==> flow/design.v <==
module alu_alu_arith_n #(
   parameter int DATA_WIDTH = 14
) (
   input  logic i_clk,
   input  logic [DATA_WIDTH-1:0] in_in0,
   input  logic [DATA_WIDTH-1:0] in_in1,
   input  logic in_dir,
   output logic [DATA_WIDTH-1:0] out_res
);
   logic [DATA_WIDTH-1:0] in0_r;
   logic [DATA_WIDTH-1:0] in1_r;
   logic dir_r;
   always_ff @(posedge i_clk) begin
      in0_r <= in_in0;
      in1_r <= in_in1;
      dir_r <= in_dir;
   end
   logic [DATA_WIDTH-1:0] nxt;
   always_comb begin
      if (dir_r)
         nxt = in0_r - in1_r;
      else
         nxt = in0_r + in1_r;
   end
   assign out_res = nxt;
endmodule
Subject: tool reports on alu_alu_arith_n

Hi,

==> Step by step through the tools: alu_alu_arith_n <==
Tool output for the members of one design family, told apart by "DATA_WIDTH", in the order of the flow.
The RTL above is that of DATA_WIDTH 14; lines are counted from 1 in the file of the member named.
{ "setup": {"design": "alu_alu_arith_n", "clk_port": "i_clk", "lib": "sky130hd", "pvt_corner": "tt_025C_1v80"} }

==> Members of the sweep <==
Lines of each other member's file that are new or changed against the file above; lines that a member lacks are not shown.
{ "src_changes": {"columns": ["DATA_WIDTH", "line", "text"], "rows": [
  [24, 2, "parameter int DATA_WIDTH = 24"],
  [56, 2, "parameter int DATA_WIDTH = 56"],
  [72, 2, "parameter int DATA_WIDTH = 72"],
  [80, 2, "parameter int DATA_WIDTH = 80"]
]} }

==> Word level <==
Counts by Yosys on the flattened word-level netlist (proc, flatten, opt, wreduce; memories kept). Register bits leave out memories and registers merged into their read ports (data or address); mux counts leave out enables and synchronous resets folded into registers. Print and check cells are left out. Cells with the same type and inputs are merged into one.
{ "op_classes": {"columns": ["DATA_WIDTH", "mux", "addsub"], "rows": [
  [14, 1, 2],
  [24, 1, 2],
  [56, 1, 2],
  [72, 1, 2],
  [80, 1, 2]
]} }
{ "op_table": {"columns": ["DATA_WIDTH", "operators"], "rows": [
  [14, "adder 14 bit: 1; subtractor 14 bit: 1; 2-to-1 mux 14 bit: 1"],
  [24, "adder 24 bit: 1; subtractor 24 bit: 1; 2-to-1 mux 24 bit: 1"],
  [56, "adder 56 bit: 1; subtractor 56 bit: 1; 2-to-1 mux 56 bit: 1"],
  [72, "adder 72 bit: 1; subtractor 72 bit: 1; 2-to-1 mux 72 bit: 1"],
  [80, "adder 80 bit: 1; subtractor 80 bit: 1; 2-to-1 mux 80 bit: 1"]
]} }
{ "bits": {"columns": ["DATA_WIDTH", "reg_bits", "wordCells", "input_bits"], "rows": [
  [14, 29, 6, 30],
  [24, 49, 6, 50],
  [56, 113, 6, 114],
  [72, 145, 6, 146],
  [80, 161, 6, 162]
]} }

==> Longest topological paths <==
Depth = most cells in a row (Yosys ltp): at word level without a register or memory, in the mapped netlist without a sequential cell, where the memories' decode and read muxes count.
{ "logic_depth": {"columns": ["DATA_WIDTH", "depth_word", "ABC_AREA", "ltp_mapped", "depth_no_buf"], "rows": [
  [14, 2, 0, 11, 11],
  [24, 2, 0, 15, 14],
  [56, 2, 0, 19, 18],
  [72, 2, 0, 22, 21],
  [80, 2, 0, 23, 22]
]} }

==> Synthesis result <==
The flow's flattened synthesis, as Yosys stat reports it; memories are mapped. The netlist is that of the ABC_AREA named above (0 if unset); the other value can give another one.
{ "synth_totals": {"columns": ["DATA_WIDTH", "yosys_area_um2", "flip_flops", "buffers", "sequential_area_um2", "stdcells"], "rows": [
  [14, 1542.7, 29, 2, 580.6, 162],
  [24, 2785.2, 49, 6, 980.9, 310],
  [56, 6816.5, 113, 32, 2262.2, 817],
  [72, 8667.1, 145, 40, 2902.8, 1023],
  [80, 9855.7, 161, 55, 3223.1, 1179]
]} }
{ "by_type": {"columns": ["DATA_WIDTH", "type_list"], "rows": [
  [14, "sky130_fd_sc_hd__dfxtp_1: 29; sky130_fd_sc_hd__ha_1: 14; sky130_fd_sc_hd__xnor2_1: 18; sky130_fd_sc_hd__nor2_1: 18; sky130_fd_sc_hd__a21oi_1: 12; sky130_fd_sc_hd__xor2_1: 4; sky130_fd_sc_hd__inv_1: 9; sky130_fd_sc_hd__nor3_1: 6; sky130_fd_sc_hd__a221oi_4: 1; sky130_fd_sc_hd__nand2_1: 7; sky130_fd_sc_hd__o21ai_0: 5; sky130_fd_sc_hd__fa_1: 1; sky130_fd_sc_hd__mux2i_1: 2; sky130_fd_sc_hd__a41oi_1: 2; sky130_fd_sc_hd__o41ai_2: 1; sky130_fd_sc_hd__a21o_1: 2; sky130_fd_sc_hd__nand3_1: 3; sky130_fd_sc_hd__o21a_1: 2; (+26)"],
  [24, "sky130_fd_sc_hd__dfxtp_1: 49; sky130_fd_sc_hd__ha_1: 25; sky130_fd_sc_hd__xnor2_1: 31; sky130_fd_sc_hd__a21oi_1: 25; sky130_fd_sc_hd__nor2_1: 30; sky130_fd_sc_hd__a21o_1: 11; sky130_fd_sc_hd__o21a_1: 8; sky130_fd_sc_hd__o21ai_0: 11; sky130_fd_sc_hd__inv_1: 14; sky130_fd_sc_hd__xor2_1: 6; sky130_fd_sc_hd__nor3_1: 10; sky130_fd_sc_hd__a31oi_1: 6; sky130_fd_sc_hd__o21ai_1: 7; sky130_fd_sc_hd__nand2_1: 9; sky130_fd_sc_hd__nand4_1: 5; sky130_fd_sc_hd__nor4_1: 5; sky130_fd_sc_hd__a211oi_1: 4; sky130_fd_sc_hd__a21boi_0: 4; (+50)"],
  [56, "sky130_fd_sc_hd__dfxtp_1: 113; sky130_fd_sc_hd__xnor2_1: 81; sky130_fd_sc_hd__ha_1: 56; sky130_fd_sc_hd__a21oi_1: 107; sky130_fd_sc_hd__nor2_1: 75; sky130_fd_sc_hd__xor2_1: 24; sky130_fd_sc_hd__nand2_1: 52; sky130_fd_sc_hd__o21ai_0: 38; sky130_fd_sc_hd__a21o_1: 25; sky130_fd_sc_hd__o21bai_1: 18; sky130_fd_sc_hd__inv_1: 33; sky130_fd_sc_hd__nor3_1: 24; sky130_fd_sc_hd__clkbuf_1: 30; sky130_fd_sc_hd__nand4_1: 18; sky130_fd_sc_hd__a31oi_1: 13; sky130_fd_sc_hd__and3_1: 12; sky130_fd_sc_hd__nand3_1: 13; sky130_fd_sc_hd__o21a_1: 7; (+78)"],
  [72, "sky130_fd_sc_hd__dfxtp_1: 145; sky130_fd_sc_hd__xnor2_1: 104; sky130_fd_sc_hd__ha_1: 72; sky130_fd_sc_hd__a21oi_1: 137; sky130_fd_sc_hd__nor2_1: 84; sky130_fd_sc_hd__xor2_1: 31; sky130_fd_sc_hd__o21ai_0: 53; sky130_fd_sc_hd__nand2_1: 64; sky130_fd_sc_hd__a21o_1: 27; sky130_fd_sc_hd__nand4_1: 25; sky130_fd_sc_hd__clkbuf_1: 35; sky130_fd_sc_hd__nor3_1: 26; sky130_fd_sc_hd__inv_1: 34; sky130_fd_sc_hd__o21bai_1: 13; sky130_fd_sc_hd__a31oi_1: 15; sky130_fd_sc_hd__nand3_1: 17; sky130_fd_sc_hd__o21a_1: 11; sky130_fd_sc_hd__nor2b_1: 11; (+119)"],
  [80, "sky130_fd_sc_hd__dfxtp_1: 161; sky130_fd_sc_hd__xnor2_1: 117; sky130_fd_sc_hd__ha_1: 80; sky130_fd_sc_hd__a21oi_1: 150; sky130_fd_sc_hd__nor2_1: 110; sky130_fd_sc_hd__xor2_1: 37; sky130_fd_sc_hd__o21ai_0: 60; sky130_fd_sc_hd__nand2_1: 76; sky130_fd_sc_hd__nand4_1: 36; sky130_fd_sc_hd__a21o_1: 29; sky130_fd_sc_hd__clkbuf_1: 44; sky130_fd_sc_hd__inv_1: 39; sky130_fd_sc_hd__o21bai_1: 19; sky130_fd_sc_hd__nor3_1: 27; sky130_fd_sc_hd__a31oi_1: 19; sky130_fd_sc_hd__o31ai_1: 12; sky130_fd_sc_hd__nor4_1: 14; sky130_fd_sc_hd__nand3_1: 15; (+134)"]
]} }
A list marked (+n) leaves out that many cells.

==> Path before layout <==
Path of least setup slack by OpenSTA after synthesis, without wires, with an ideal clock, recovery checks aside; 20% of the period is set as input and as output delay. Where synthesis merged equal registers, the netlist keeps one of their names.
{ "synth_path": {"columns": ["DATA_WIDTH", "kind", "start", "end", "delay_ns", "clock_period_ns", "path_slack_ns", "driving_pins", "synth_period_reached_ns"], "rows": [
  [14, "register to output", "reg dir_r", "out out_res[12]", 2.419, 3.78, 0.605, 9, 3.175],
  [24, "register to output", "reg in1_r[9]", "out out_res[19]", 2.841, 4.44, 0.711, 13, 3.729],
  [56, "register to output", "reg in1_r[29]", "out out_res[53]", 4.326, 6.76, 1.082, 17, 5.678],
  [72, "register to output", "reg in1_r[6]", "out out_res[70]", 4.642, 7.25, 1.158, 19, 6.092],
  [80, "register to output", "reg in1_r[5]", "out out_res[77]", 4.616, 7.21, 1.152, 22, 6.058]
]} }
"delay_ns" is the arrival time less input delay plus setup time.
A path that ends at an output port has no setup time.
"driving_pins" counts driving pins, that of a launching flip-flop among them; a cell with two outputs on the path counts twice.
"synth_period_reached_ns" is the clock period less the worst setup slack; recovery checks do not enter. This is arithmetic on one report: input and output delays are still those of the set period (20% each).
Between the ends stands the longest chain of elaborated cells between them, by number of cells; it is not shown to be the way that was timed. Of several equally long chains one is given.
Each line given opens the expression or statement behind the cell; cells for indexed reads and writes are added by Yosys, which also makes memories of some case tables.
{ "synth_via_DATA_WIDTH_14": {"elab_chain_cells": 1} }
{ "synth_rtl_DATA_WIDTH_14": {"columns": ["item", "line", "text"], "rows": [
  ["start, declared", 12, "logic dir_r;"],
  ["start, assigned", 16, "dir_r <= in_dir;"],
  ["2-to-1 mux 14 bit", 20, "if (dir_r)"],
  ["end, declared", 8, "output logic [DATA_WIDTH-1:0] out_res"]
]} }
{ "synth_via_DATA_WIDTH_80": {"elab_chain_cells": 2} }
{ "synth_rtl_DATA_WIDTH_80": {"columns": ["item", "line", "text"], "rows": [
  ["start, declared", 11, "logic [DATA_WIDTH-1:0] in1_r;"],
  ["start, assigned", 15, "in1_r <= in_in1;"],
  ["adder 80 bit", 23, "nxt = in0_r + in1_r;"],
  ["2-to-1 mux 80 bit", 20, "if (dir_r)"],
  ["end, declared", 8, "output logic [DATA_WIDTH-1:0] out_res"]
]} }

==> Path in the finished layout <==
Path of least setup slack in the final report of the run of each member (OpenROAD, finished layout, wires in). Where an end is a register, its clock arrival counts in the times.
{ "layout_path": {"columns": ["DATA_WIDTH", "kind", "start", "end", "driving_pins", "arrival_ns", "clock_period_ns", "path_slack_ns", "n_path_buf"], "rows": [
  [14, "register to output", "reg in1_r[1]", "out out_res[7]", 12, 2.88, 3.78, 0.15, 2],
  [24, "register to output", "reg in1_r[3]", "out out_res[16]", 13, 3.42, 4.44, 0.13, 1],
  [56, "register to output", "reg in1_r[29]", "out out_res[52]", 20, 5.21, 6.76, 0.20, 1],
  [72, "register to output", "reg in1_r[6]", "out out_res[67]", 21, 5.64, 7.25, 0.16, 1],
  [80, "register to output", "reg in1_r[5]", "out out_res[64]", 23, 5.49, 7.21, 0.28, 5]
]} }

==> Measured runs <==
One run of the flow (Yosys, OpenROAD) for each member, with settings and measured results. Input and output delays are each 20% of the period that was set; the output load is 0.01 pF.
{ "flow_settings": {"CAP_MARGIN": 20, "CORE_MARGIN": 2, "CORE_UTILIZATION": 40, "SLEW_MARGIN": 20} }
{ "settings_by_member": {"columns": ["DATA_WIDTH", "period_ns"], "rows": [
  [14, 3.78],
  [24, 4.44],
  [56, 6.76],
  [72, 7.25],
  [80, 7.21]
]} }
{ "measured": {"columns": ["DATA_WIDTH", "ys_area_um2", "ws_setup_ns", "totalPower_w", "die_footprint_um2", "stdcell_area_um2", "finalUtil_frac"], "rows": [
  [14, 1542.7, 0.145, 0.001038, 4369.9, 2287.2, 0.62],
  [24, 2785.2, 0.133, 0.001357, 7646.6, 4023.9, 0.596],
  [56, 6816.5, 0.198, 0.002646, 18101.0, 9609.2, 0.577],
  [72, 8667.1, 0.163, 0.002867, 22861.4, 12015.3, 0.568],
  [80, 9855.7, 0.280, 0.003348, 25911.3, 13729.4, 0.566]
]} }
"totalPower_w": no workload was simulated; the value follows from the tool's default switching activity.

Regards
